==> flow/design.v <==
module u_ram_block_mod #(
  parameter integer WORDS = 24,
  parameter integer DW = 48,
  parameter integer AWIDTH = $clog2(WORDS),
  parameter integer SLICES = DW / 8
) (
  input  wire CLK,
  input  wire reset,
  input  wire [SLICES-1:0] wstrb,
  input  wire [AWIDTH-1:0] wr_idx,
  input  wire [DW-1:0] d,
  input  wire [AWIDTH-1:0] rsel,
  output wire [DW-1:0] dout
);
  reg [DW-1:0] ram [0:WORDS-1];
  integer i;
  always @(posedge CLK) begin
    for (i = 0; i < SLICES; i = i + 1)
      if (wstrb[i]) ram[wr_idx][8*i +: 8] <= d[8*i +: 8];
  end
  reg [DW-1:0] dout_d1;
  assign dout = dout_d1;
  always @(posedge CLK or posedge reset) begin
    if (reset) begin
      dout_d1 <= 0;
    end else begin
      dout_d1 <= ram[rsel];
    end
  end
endmodule
---- Tool chain data of u_ram_block_mod ----
What the tools print for u_ram_block_mod, step after step.
Lines are those of the file above, counted from 1.
Library cell names are shortened.
The mark - stands for no value.
inputs
  top ..................................... u_ram_block_mod
  clock ................................... CLK
  standard-cell library ................... sky130hd
  timing corner ........................... tt_025C_1v80

---- Elaborated design ----
Yosys after proc, flatten, opt, wreduce and memory -nomap, before mapping. Enables and synchronous resets that opt folds into registers are not counted as muxes. Memory bits, and registers merged into a memory's read port (data or address), are not among the register bits. Print and check cells are not counted. Equal cells are merged and count once.
Memory sizes are those after Yosys's memory passes, which may raise the word count (mostly to a power of two), join words into wider ones and drop unused or constant bits.
bit counts
  bits in registers ....................... 0
  memory bits (writable) .................. 1152
  clocked read ports x word width ......... 48
  memories ................................ 1
  input port bits ......................... 66
  output and inout bits ................... 48
  cells after elaboration ................. 13
memories
  name  words  bits a word  rd ports  write ports  line  RTL
  ram   24     48           1         1            15    reg [DW-1:0] ram [0:WORDS-1];
operators by class
  mux-type cells .......................... 12
operators by type and width
  kind                number
  48-bit two-way mux  6
  1-bit two-way mux   6

---- Depth ----
Depth = most cells in a row (Yosys ltp): at word level without a register or memory, in the mapped netlist without a sequential cell, where the memories' decode and read muxes count.
depth
  word-level depth ........................ 1
  ABC_AREA ................................ 0
  mapped depth ............................ 9
  mapped depth without buffers ............ 4

---- After synthesis ----
Source: synth_stat.txt of the flow (Yosys; design flattened, memories mapped). It holds for the ABC_AREA given above (unset counts as 0); a run with the other value may have another netlist.
Totals and module areas in this step are rounded.
cells by type
  cell      number  total area (um^2)
  edfxtp_1  1152    3.46E+04
  mux2i_1   358     3.58E+03
  mux4_2    109     2.45E+03
  dfrtp_1   48      1.2E+03
  and2_1    145     907.12
  a22oi_1   118     885.85
  nand2_1   146     548.026
  mux2_2    48      540.518
  nand3_1   83      415.398
  nand4_1   48      300.288
  clkbuf_1  69      258.998
  buf_6     17      191.434
  buf_4     22      165.158
  a221oi_1  13      113.859
  nor2_1    27      101.347
  buf_12    3       60.058
  buf_2     10      50.048
  buf_1     13      48.797
Not listed: further types 11, cells in them 30.
mapped netlist
  cell count .............................. 2459
  chip area (Yosys) ....................... 47000 um^2
  sequential area ......................... 36000 um^2
  flip-flops .............................. 1200
  buffer cells ............................ 137

---- Path before layout ----
Path of least setup slack by OpenSTA after synthesis, without wires, with an ideal clock, recovery checks aside; 20% of the period is set as input and as output delay. Where synthesis merged equal registers, the netlist keeps one of their names.
path post-synthesis
  path type ............................... input to register
  start ................................... input rsel[0]
  end ..................................... register dout_d1[32]
  period .................................. 2220 ps
  external input delay .................... 444 ps
  setup time .............................. 126 ps
  time at the first pin ................... 444 ps
  arrival ................................. 1741 ps
  data required time ...................... 2094 ps
  path slack .............................. 353 ps
  delay of the path ....................... 1423 ps
  stages on the path ...................... 7
  buffers on the path ..................... 3
  period reached after synthesis .......... 1867 ps
"delay of the path" is the arrival time less input delay plus setup time.
"stages on the path" counts driving pins, that of a launching flip-flop among them; a cell with two outputs on the path counts twice.
"period reached after synthesis" = period - worst setup slack (recovery checks aside). The figure is calculated, with input and output delays left at 20% of the set period.
between the ends, post-synthesis
  cells stage by stage .................... buf_6 -> buf_8 -> buf_6 -> mux4_2 -> mux2_2 -> nand2_1 -> nand3_1
ends and longest elaborated chain, post-synthesis
  what                line  RTL
  start: declaration  12    input  wire [AWIDTH-1:0] rsel,
  end: declaration    21    reg [DW-1:0] dout_d1;
Chain of elaborated cells between the ends: none given.

---- Path in the finished layout ----
From the final timing report of stored run 1: the path of least setup slack in the routed layout; clock arrival at registers is part of the times.
The path's times are printed in steps of 10 ps; the period is the one set.
path post-layout
  path type ............................... input to register
  start ................................... input wr_idx[3]
  end ..................................... memory ram[9][29]
  period .................................. 3060 ps
  external input delay .................... 610 ps
  setup time .............................. 340 ps
  time at the first pin ................... 610 ps
  arrival ................................. 2760 ps
  data required time ...................... 3470 ps
  path slack .............................. 710 ps
  stages on the path ...................... 5
  buffers on the path ..................... 2
between the ends, post-layout
  cells stage by stage .................... clkdlybuf4s50_1 -> or3b_2 -> nor2_1 -> buf_4 -> and2_1
ends and longest elaborated chain, post-layout
  what                line  RTL
  start: declaration  10    input  wire [AWIDTH-1:0] wr_idx,
  end: declaration    15    reg [DW-1:0] ram [0:WORDS-1];
Chain of elaborated cells between the ends: none given.

Appendix: measured runs

Module u_ram_block_mod, platform sky130hd: 3 stored runs of the flow (Yosys, OpenROAD) with differing settings, in no particular order. Input and output delays are each 20% of the period that was set; the output load is 0.01 pF.
"reached clock period" is the run's clock period less its worst setup slack. It is reckoned from that one timing run; input and output delays stay at 20% of the period that was set.
"time on the worst setup path" is the time allowed to the run's worst setup path (the clock period less input and output delay, where it has them) less its slack. Clock arrival times count: a late capture clock shortens it, a late launch clock lengthens it.
"overall power": no workload was simulated; the value follows from the tool's default switching activity.
"time on the worst setup path" is given in steps of 10 ps.
Results are given in rounded form.

---- stored run 1 ----
settings
  period_ns = 3.06
  CORE_UTILIZATION = 26
  SETUP_SLACK_MARGIN = 0.66
  PLACE_DENSITY_LB_ADDON = 0.05
  CORE_ASPECT_RATIO = 1.43
  TNS_END_PERCENT = 85
  GPL_TIMING_DRIVEN = 1
  GPL_ROUTABILITY_DRIVEN = 1
  CTS_CLUSTER_SIZE = 60
  SLEW_MARGIN = 35
  CAP_MARGIN = 20
  CORE_MARGIN = 2
results
  standard-cell area after layout ......... 56000 um^2
  time on the worst setup path ............ 1740 ps
  critical path kind ...................... input to register
  chip area in the Yosys report ........... 47000 um^2
  setup TNS ............................... 0 ps
  post-route utilization .................. 32%
  overall power ........................... 0.036 W
  reached clock period .................... 2349 ps
  lowest setup slack ...................... 710 ps
  area of the die ......................... 180000 um^2

---- stored run 2 ----
settings
  period_ns = 2.41
  CORE_UTILIZATION = 36
  SETUP_SLACK_MARGIN = 0.3
  PLACE_DENSITY_LB_ADDON = 0.07
  TNS_END_PERCENT = 85
  GPL_ROUTABILITY_DRIVEN = 1
  CTS_CLUSTER_SIZE = 57
  CAP_MARGIN = 30
  SLEW_MARGIN = 25
  CORE_MARGIN = 2
results
  standard-cell area after layout ......... 58000 um^2
  time on the worst setup path ............ 1590 ps
  critical path kind ...................... register to output
  chip area in the Yosys report ........... 47000 um^2
  setup TNS ............................... 0 ps
  post-route utilization .................. 45%
  overall power ........................... 0.046 W
  reached clock period .................... 2069 ps
  lowest setup slack ...................... 340 ps
  area of the die ......................... 130000 um^2

---- stored run 3 ----
settings
  period_ns = 2.22
  CAP_MARGIN = 20
  CORE_MARGIN = 2
  CORE_UTILIZATION = 40
  SLEW_MARGIN = 20
results
  standard-cell area after layout ......... 58000 um^2
  time on the worst setup path ............ 1700 ps
  critical path kind ...................... register to output
  chip area in the Yosys report ........... 47000 um^2
  setup TNS ............................... 0 ps
  post-route utilization .................. 50%
  overall power ........................... 0.048 W
  reached clock period .................... 2143 ps
  lowest setup slack ...................... 77 ps
  area of the die ......................... 120000 um^2
